==> flow/design.v <==
module dp_sum_block_p #(
    parameter int DATA_W = 14
) (
    input logic i_clk,
    input logic ce,
    input logic [DATA_W-1:0] opa,
    input logic [DATA_W-1:0] opb,
    output logic [DATA_W-1:0] res
);
    logic [DATA_W-1:0] opa_r;
    logic [DATA_W-1:0] opb_r;
    always_ff @(posedge i_clk) begin
        if (ce) begin
            opa_r <= opa;
            opb_r <= opb;
        end
    end
    logic [DATA_W:0] t;
    assign t = opa_r + opb_r;
    logic [DATA_W-1:0] res_r;
    always_ff @(posedge i_clk) begin
        if (ce) begin
            res_r <= t[DATA_W] ? {DATA_W{1'b1}} : t[DATA_W-1:0];
        end
    end
    assign res = res_r;
endmodule
### Tool chain data of dp_sum_block_p

Tool output for the design above, in the order of the flow.
Lines are those of the file above, counted from 1.
The mark -- stands for no value.

| set-up | value |
|---|---|
| design top | dp_sum_block_p |
| clock port | i_clk |
| cell library | sky130hd |
| library corner | tt_025C_1v80 |

### Word-level counts

Yosys after proc, flatten, opt, wreduce and memory -nomap, before mapping. Enables and synchronous resets that opt folds into registers are not counted as muxes. Memory bits, and registers merged into a memory's read port (data or address), are not among the register bits. Print and check cells are not counted. Equal cells are merged and count once.

| operators by class | value |
|---|---|
| add/subtract/negate cells | 1 |

Operator list:

| operator | count |
|---|---|
| adder 14 x 14 -> 15 bit | 1 |

| storage and ports | value |
|---|---|
| flip-flop bits (word level) | 42 |
| input bits | 30 |
| elaborated cells | 4 |

### Logic depth

Yosys ltp: most cells in a row. Word level: on the elaborated netlist, between registers, memories and ports. Mapped: between sequential cells and ports; inverters and the memories' decode and read muxes count.

| logic depth | value |
|---|---|
| depth after elaboration | 1 |
| ABC_AREA | 0 |
| gate-level depth with buffers | 8 |
| mapped depth without buffers | 8 |

### Synthesis result

The flow's flattened synthesis, as Yosys stat reports it; memories are mapped. The netlist is that of the ABC_AREA named above (0 if unset); the other value can give another one.
Totals and module areas in this step are rounded.

| mapped netlist | value |
|---|---|
| cells in the netlist | 143 |
| chip area (Yosys) | 1996 um2 |
| mapped flip-flops | 42 |
| buffer cells | 2 |

Cells by type:

| type | count |
|---|---|
| sky130_fd_sc_hd__edfxtp_1 | 42 |
| sky130_fd_sc_hd__ha_1 | 14 |
| sky130_fd_sc_hd__a21oi_1 | 11 |
| sky130_fd_sc_hd__nand2_1 | 14 |
| sky130_fd_sc_hd__xnor2_1 | 5 |
| sky130_fd_sc_hd__xor2_1 | 4 |
| sky130_fd_sc_hd__o21ai_0 | 6 |
| sky130_fd_sc_hd__o41ai_4 | 1 |
| sky130_fd_sc_hd__nor2_1 | 7 |
| sky130_fd_sc_hd__a21o_1 | 3 |
| sky130_fd_sc_hd__inv_1 | 6 |
| sky130_fd_sc_hd__fa_1 | 1 |
| sky130_fd_sc_hd__mux2i_1 | 2 |
| sky130_fd_sc_hd__or3_1 | 3 |
| sky130_fd_sc_hd__a221oi_2 | 1 |
| sky130_fd_sc_hd__a311oi_2 | 1 |
| sky130_fd_sc_hd__o221ai_2 | 1 |
| sky130_fd_sc_hd__and3_1 | 2 |

Not listed: further types 16, cells in them 19.

### Worst setup path after synthesis

Path of least setup slack by OpenSTA after synthesis, without wires, with an ideal clock, recovery checks aside; 20% of the period is set as input and as output delay. Where synthesis merged equal registers, the netlist keeps one of their names.

| path post-synthesis | value |
|---|---|
| kind | register -> register |
| start | register opa_r[0] |
| end | register res_r[10] |
| clock period | 2.88 ns |
| library setup time | 0.258 ns |
| arrival | 2.042 ns |
| data required time | 2.622 ns |
| setup slack | 0.580 ns |
| path delay | 2.300 ns |
| stages on the path | 9 |
| synthesis period reached | 2.3 ns |

"path delay" = arrival - input delay + setup time.
"stages on the path": output pins that drive a net of the path, with the launching flip-flop's if there is one; two outputs of one cell count as two.
"synthesis period reached" is the clock period less the worst setup slack; recovery checks do not enter. This is arithmetic on one report: input and output delays are still those of the set period (20% each).
Between the ends stands the longest chain of elaborated cells between them, by number of cells; it is not shown to be the way that was timed. Of several equally long chains one is given.
A line is the first line of the expression or statement that the cell stems from. Yosys adds cells for indexed reads and writes and turns some case tables into memories.

| on the way, post-synthesis | value |
|---|---|
| cell sequence | sky130_fd_sc_hd__edfxtp_1 -> sky130_fd_sc_hd__ha_1 -> sky130_fd_sc_hd__fa_1 -> sky130_fd_sc_hd__a21o_1 -> sky130_fd_sc_hd__a221oi_2 -> sky130_fd_sc_hd__o21ai_2 -> sky130_fd_sc_hd__a31oi_1 -> sky130_fd_sc_hd__xnor2_1 -> sky130_fd_sc_hd__nand2_1 |
| cells in the longest elaborated chain | 1 |
| elaborated cells between the ends (all ways) | 1 |
| RTL lines with such cells | 1 |
| classes of those cells | 1 x add/sub |

Ends and longest elaborated chain, post-synthesis:

| what | line | source |
|---|---|---|
| start: declaration | 10 | `logic [DATA_W-1:0] opa_r;` |
| start: assignment | 14 | `opa_r <= opa;` |
| adder 14 x 14 -> 15 bit | 19 | `assign t = opa_r + opb_r;` |
| end: assignment | 23 | `res_r <= t[DATA_W] ? {DATA_W{1'b1}} : t[DATA_W-1:0];` |
| end: declaration | 20 | `logic [DATA_W-1:0] res_r;` |

### Path in the finished layout

From the final timing report of run 1: the path of least setup slack in the routed layout; clock arrival at registers is part of the times.

| path post-layout | value |
|---|---|
| kind | register -> register |
| start | register opa_r[0] |
| end | register res_r[10] |
| clock period | 2.35 ns |
| library setup time | 0.24 ns |
| arrival | 2.29 ns |
| data required time | 2.39 ns |
| setup slack | 0.10 ns |
| stages on the path | 9 |

Between the ends stands the longest chain of elaborated cells between them, by number of cells; it is not shown to be the way that was timed. Of several equally long chains one is given.

| on the way, post-layout | value |
|---|---|
| cell sequence | sky130_fd_sc_hd__edfxtp_1 -> sky130_fd_sc_hd__ha_2 -> sky130_fd_sc_hd__fa_2 -> sky130_fd_sc_hd__a21o_1 -> sky130_fd_sc_hd__a221oi_4 -> sky130_fd_sc_hd__o21ai_2 -> sky130_fd_sc_hd__a31oi_1 -> sky130_fd_sc_hd__xnor2_1 -> sky130_fd_sc_hd__nand2_1 |
| cells in the longest elaborated chain | 1 |
| elaborated cells between the ends (all ways) | 1 |
| RTL lines with such cells | 1 |
| classes of those cells | 1 x add/sub |

Ends and longest elaborated chain, post-layout:

| what | line | source |
|---|---|---|
| start: declaration | 10 | `logic [DATA_W-1:0] opa_r;` |
| start: assignment | 14 | `opa_r <= opa;` |
| adder 14 x 14 -> 15 bit | 19 | `assign t = opa_r + opb_r;` |
| end: assignment | 23 | `res_r <= t[DATA_W] ? {DATA_W{1'b1}} : t[DATA_W-1:0];` |
| end: declaration | 20 | `logic [DATA_W-1:0] res_r;` |

Subject: dp_sum_block_p on sky130hd, stored results

Hello all,

Module dp_sum_block_p, platform sky130hd: 3 stored runs of the flow (Yosys, OpenROAD) with differing settings, in no particular order. Input and output delays are each 20% of the period that was set; the output load is 0.01 pF.
By "achieved period" is meant the clock period of the run minus its worst setup slack. This is arithmetic on one report: input and output delays are still those of the set period (20% each).
By "time on the worst setup path" is meant the share of the clock period that the worst setup path is allowed (20% is reserved at inputs, 20% at outputs), minus its slack. Clock arrival times at its registers enter into it.
By "total power after layout" is meant OpenSTA's value without simulated activity: inputs other than the clock are taken to toggle once in ten clock periods, and the tool carries that through the logic.
The results are shown rounded.

#### Run 1

| setting | value |
|---|---|
| period_ns | `2.35` |
| CORE_UTILIZATION | `29` |
| SETUP_SLACK_MARGIN | `0.4` |
| PLACE_DENSITY_LB_ADDON | `0.3` |
| CORE_ASPECT_RATIO | `1.95` |
| CELL_PAD_IN_SITES_DETAIL_PLACEMENT | `0` |
| ABC_AREA | `0` |
| GPL_TIMING_DRIVEN | `1` |
| CTS_CLUSTER_SIZE | `13` |
| CTS_CLUSTER_DIAMETER | `365` |
| SLEW_MARGIN | `5` |
| MIN_ROUTING_LAYER | `met2` |
| CAP_MARGIN | `20` |
| CORE_MARGIN | `2` |

| result | value |
|---|---|
| setup slack of the worst path | 0.100 ns |
| achieved period | 2.250 ns |
| time on the worst setup path | 2.25 ns |
| critical path type | register -> register |
| final worst hold slack | 0.670 ns |
| total negative slack | 0.000 ns |
| standard-cell area after layout | 2844 um2 |
| chip area after synthesis (Yosys) | 1996 um2 |
| utilization of the finished layout | 42.3 % |
| total power after layout | 0.002173 W |
| full die area | 7598 um2 |

#### Run 2

| setting | value |
|---|---|
| period_ns | `2.88` |
| CAP_MARGIN | `20` |
| CORE_MARGIN | `2` |
| CORE_UTILIZATION | `40` |
| SLEW_MARGIN | `20` |

| result | value |
|---|---|
| setup slack of the worst path | 0.433 ns |
| achieved period | 2.447 ns |
| time on the worst setup path | 2.45 ns |
| critical path type | register -> register |
| final worst hold slack | 0.669 ns |
| total negative slack | 0.000 ns |
| standard-cell area after layout | 2585 um2 |
| chip area after synthesis (Yosys) | 1996 um2 |
| utilization of the finished layout | 54.4 % |
| total power after layout | 0.001527 W |
| full die area | 5570 um2 |

#### Run 3

| setting | value |
|---|---|
| period_ns | `3.84` |
| CORE_UTILIZATION | `48` |
| PLACE_DENSITY_LB_ADDON | `0.14` |
| GPL_TIMING_DRIVEN | `0` |
| SLEW_MARGIN | `40` |
| CAP_MARGIN | `20` |
| CORE_MARGIN | `2` |

| result | value |
|---|---|
| setup slack of the worst path | 1.306 ns |
| achieved period | 2.534 ns |
| time on the worst setup path | 2.53 ns |
| critical path type | register -> register |
| final worst hold slack | 0.662 ns |
| total negative slack | 0.000 ns |
| standard-cell area after layout | 2584 um2 |
| chip area after synthesis (Yosys) | 1996 um2 |
| utilization of the finished layout | 64.6 % |
| total power after layout | 0.001132 W |
| full die area | 4690 um2 |

Thanks
